==> flow/design.v <==
module gen_summer_p (core_clk, clr, arg0, arg1, arg2, q);
  parameter integer NBITS = 48;
  input core_clk;
  input clr;
  input [NBITS-1:0] arg0;
  input [NBITS-1:0] arg1;
  input [NBITS-1:0] arg2;
  output [NBITS+1:0] q;
  reg [NBITS-1:0] arg0_s;
  reg [NBITS-1:0] arg1_s;
  reg [NBITS-1:0] arg2_s;
  always @(posedge core_clk or posedge clr) begin
    if (clr) begin
      arg0_s <= 0;
      arg1_s <= 0;
      arg2_s <= 0;
    end else begin
      arg0_s <= arg0;
      arg1_s <= arg1;
      arg2_s <= arg2;
    end
  end
  assign q = arg0_s + arg1_s + arg2_s;
endmodule
Step by step through the tools: gen_summer_p
Tool output for the design above, in the order of the flow.
Lines are those of the file above, counted from 1.
A cell with -- has no value.
- top: gen_summer_p
- clock input: core_clk
- library: sky130hd
- timing corner: tt_025C_1v80

Word level
Source: Yosys, flattened and elaborated, memories not mapped. Widths are those after wreduce; folded enables and synchronous resets count as part of the registers. Registers that Yosys merges into a memory's read port (data or address) are not register bits. Print and check cells do not count. Equal cells are merged and count once.
- flip-flop bits (word level): 144
- latch bits at 0
- RAM bits: 0
- ROM bits at 0
- noted clocked read ports x word width: 0
- memories kept: 0
- noted input bits: 146
- output and inout bits: 50
- word-level cells: 5
- noted $add $sub $neg: 2
- multiply operators at 0
- div/mod/pow operators at 0
- order comparisons at 0
- eq/ne operators at 0
- shift operators at 0
- noted muxes and demuxes: 0
- bitwise operators at 0
- reduce/logical cells: 0
- operator list (cell ; number):
    adder 49 x 48 -> 50 bit ; 1
    adder 48 x 48 -> 49 bit ; 1

Logic depth
Yosys ltp: most cells in a row. Word level: on the elaborated netlist, between registers, memories and ports. Mapped: between sequential cells and ports; inverters and the memories' decode and read muxes count.
- noted depth in word-level cells: 2
- noted ABC_AREA: 0
- noted mapped depth: 14
- gate-level depth less buffers at 14

Netlist
The flow's flattened synthesis, as Yosys stat reports it; memories are mapped. The netlist is that of the ABC_AREA named above (0 if unset); the other value can give another one.
- cells by type (type ; number ; total area (sq um)):
    sky130_fd_sc_hd__dfrtp_1 ; 144 ; 3.6E+03
    sky130_fd_sc_hd__fa_1 ; 49 ; 980.941
    sky130_fd_sc_hd__ha_1 ; 47 ; 588.064
    sky130_fd_sc_hd__a21oi_1 ; 53 ; 265.254
    sky130_fd_sc_hd__xnor2_1 ; 27 ; 236.477
    sky130_fd_sc_hd__nand2_1 ; 43 ; 161.405
    sky130_fd_sc_hd__o21ai_0 ; 30 ; 150.144
    sky130_fd_sc_hd__xor2_1 ; 15 ; 131.376
    sky130_fd_sc_hd__a21o_1 ; 14 ; 105.101
    sky130_fd_sc_hd__nor2_1 ; 26 ; 97.594
    sky130_fd_sc_hd__nand4_1 ; 15 ; 93.84
    sky130_fd_sc_hd__clkbuf_1 ; 17 ; 63.811
    sky130_fd_sc_hd__inv_1 ; 17 ; 63.811
    sky130_fd_sc_hd__o21bai_1 ; 7 ; 52.55
    sky130_fd_sc_hd__o21a_1 ; 6 ; 45.043
    sky130_fd_sc_hd__a211o_1 ; 5 ; 43.792
    sky130_fd_sc_hd__nand3_1 ; 7 ; 35.034
    sky130_fd_sc_hd__a41oi_2 ; 2 ; 32.531
Not listed: further types 41, cells in them 79.
- cell count: 603
- synthesis area: 7390.8 sq um
- sequential part of the area: 3603.5 sq um
- mapped flip-flops at 144
- buffer cells: 18

Worst setup path after synthesis
OpenSTA on the mapped netlist: ideal clock, no wires. The path of least setup slack (recovery checks aside). Input and output delay are each 20% of the period. Register names are those of the netlist, which keeps one name where synthesis merged equal registers.
- path kind: flip-flop to output port
- start point: reg arg0_s[1]
- end point: out q[41]
- noted period: 5.47 ns
- noted output delay: 1.094 ns
- time at the first pin: 0.000 ns
- arrival time: 3.503 ns
- noted data required time: 4.376 ns
- slack at 0.873 ns
- path delay: 3.503 ns
- stages: 13
- path buffers at 0
- noted synthesis period reached: 4.597 ns
"path delay" = arrival - input delay + setup time.
At an output port there is no setup time.
"stages" counts driving pins, that of a launching flip-flop among them; a cell with two outputs on the path counts twice.
"synthesis period reached" is the clock period less the worst setup slack; recovery checks do not enter. This is arithmetic on one report: input and output delays are still those of the set period (20% each).
Between the ends stands the longest chain of elaborated cells between them, by number of cells; it is not shown to be the way that was timed. Of several equally long chains one is given.
Each line given opens the expression or statement behind the cell; cells for indexed reads and writes are added by Yosys, which also makes memories of some case tables.
- cells stage by stage: sky130_fd_sc_hd__dfrtp_1 -> sky130_fd_sc_hd__fa_1 -> sky130_fd_sc_hd__ha_1 -> sky130_fd_sc_hd__fa_1 -> sky130_fd_sc_hd__a211oi_2 -> sky130_fd_sc_hd__o21ai_2 -> sky130_fd_sc_hd__a211o_1 -> sky130_fd_sc_hd__a41oi_4 -> sky130_fd_sc_hd__o21ai_2 -> sky130_fd_sc_hd__a211o_1 -> sky130_fd_sc_hd__o31a_4 -> sky130_fd_sc_hd__a31oi_1 -> sky130_fd_sc_hd__xnor2_1
- noted cells in the longest elaborated chain: 2
- elaborated cells between the ends (all ways): 2
- noted RTL lines with such cells: 1
- classes of those cells: add/sub: 2
- ends and longest elaborated chain, post-synthesis (item ; RTL line ; source):
    start, declared ; 9 ; reg [NBITS-1:0] arg0_s;
    start, assigned ; 14 ; arg0_s <= 0;
    start, assigned ; 18 ; arg0_s <= arg0;
    adder 48 x 48 -> 49 bit ; 23 ; assign q = arg0_s + arg1_s + arg2_s;
    adder 49 x 48 -> 50 bit ; 23 ;
    end, declared ; 8 ; output [NBITS+1:0] q;

Timing after layout
From the final timing report of flow run 1: the path of least setup slack in the routed layout; clock arrival at registers is part of the times.
- path kind: flip-flop to output port
- start point: reg arg2_s[1]
- end point: out q[37]
- noted period: 5.47 ns
- noted output delay: 1.09 ns
- time at the first pin: 0.41 ns
- arrival time: 4.22 ns
- noted data required time: 4.38 ns
- slack at 0.15 ns
- stages: 15
- path buffers at 2
Between the ends stands the longest chain of elaborated cells between them, by number of cells; it is not shown to be the way that was timed. Of several equally long chains one is given.
- cells stage by stage: sky130_fd_sc_hd__dfrtp_1 -> sky130_fd_sc_hd__fa_1 -> sky130_fd_sc_hd__ha_4 -> sky130_fd_sc_hd__fa_2 -> sky130_fd_sc_hd__a211oi_2 -> sky130_fd_sc_hd__o21ai_2 -> sky130_fd_sc_hd__a211o_1 -> sky130_fd_sc_hd__a41oi_4 -> sky130_fd_sc_hd__buf_6 -> sky130_fd_sc_hd__o21ai_2 -> sky130_fd_sc_hd__a211o_1 -> sky130_fd_sc_hd__o31a_4 -> sky130_fd_sc_hd__a41oi_2 -> sky130_fd_sc_hd__xnor2_1 -> sky130_fd_sc_hd__clkdlybuf4s15_2
- noted cells in the longest elaborated chain: 1
- elaborated cells between the ends (all ways): 1
- noted RTL lines with such cells: 1
- classes of those cells: add/sub: 1
- ends and longest elaborated chain, post-layout (item ; RTL line ; source):
    start, declared ; 11 ; reg [NBITS-1:0] arg2_s;
    start, assigned ; 16 ; arg2_s <= 0;
    start, assigned ; 20 ; arg2_s <= arg2;
    adder 49 x 48 -> 50 bit ; 23 ; assign q = arg0_s + arg1_s + arg2_s;
    end, declared ; 8 ; output [NBITS+1:0] q;

Wiki page: gen_summer_p / flow data

3 stored runs of gen_summer_p in the flow (synthesis by Yosys, layout by OpenROAD, sky130hd cells), in arbitrary order. Constraints: input delay and output delay 20% of the set period each, output load 0.01 pF.
By "period achieved" is meant the clock period of the run minus its worst setup slack. This is arithmetic on one report: input and output delays are still those of the set period (20% each).
"worst setup path time" means the part of the period allowed to the worst setup path (the constraints hold back 20% at inputs and 20% at outputs) less its slack; where the path has registers, the arrival times of their clocks count too.
"power" rests on the timing tool's default activity at the inputs, not on a simulated workload.

Flow run 1
Settings were period_ns = 5.47; CAP_MARGIN = 20; CORE_MARGIN = 2; CORE_UTILIZATION = 40; SLEW_MARGIN = 20
- netlist area reported by Yosys: 7390.8 sq um
- full die area at 19580.4 sq um
- noted the std-cell area (final layout): 10316.1 sq um
- post-route utilization: 57.2 %
- worst setup slack after layout at 0.154 ns
- noted the total negative slack: 0.000 ns
- noted the final worst hold slack: 1.106 ns
- power: 0.003851 W
- period achieved at 5.316 ns
- noted the worst setup path time: 4.22 ns
- class of the worst setup path: flip-flop to output port

Flow run 2
Settings were period_ns = 4.04; CORE_UTILIZATION = 54; PLACE_DENSITY_LB_ADDON = 0.04; CORE_ASPECT_RATIO = 0.52; TNS_END_PERCENT = 30; CAP_MARGIN = 25; MIN_ROUTING_LAYER = met1; CORE_MARGIN = 2; SLEW_MARGIN = 20
- netlist area reported by Yosys: 7390.8 sq um
- full die area at 14689.4 sq um
- noted the std-cell area (final layout): 11357.1 sq um
- post-route utilization: 86.0 %
- worst setup slack after layout at -0.871 ns
- noted the total negative slack: -18.178 ns
- noted the final worst hold slack: 0.812 ns
- power: 0.005811 W
- period achieved at 4.911 ns
- noted the worst setup path time: 4.10 ns
- class of the worst setup path: flip-flop to output port

Flow run 3
Settings were period_ns = 5.76; CORE_UTILIZATION = 69; PLACE_DENSITY_LB_ADDON = 0.11; CORE_MARGIN = 4; TNS_END_PERCENT = 20; ABC_AREA = 0; CTS_CLUSTER_SIZE = 52; CTS_CLUSTER_DIAMETER = 317; MIN_ROUTING_LAYER = met1; MAX_ROUTING_LAYER = met5; CAP_MARGIN = 20; SLEW_MARGIN = 20
- incomplete, clock tree synthesis halted on DPL-0033
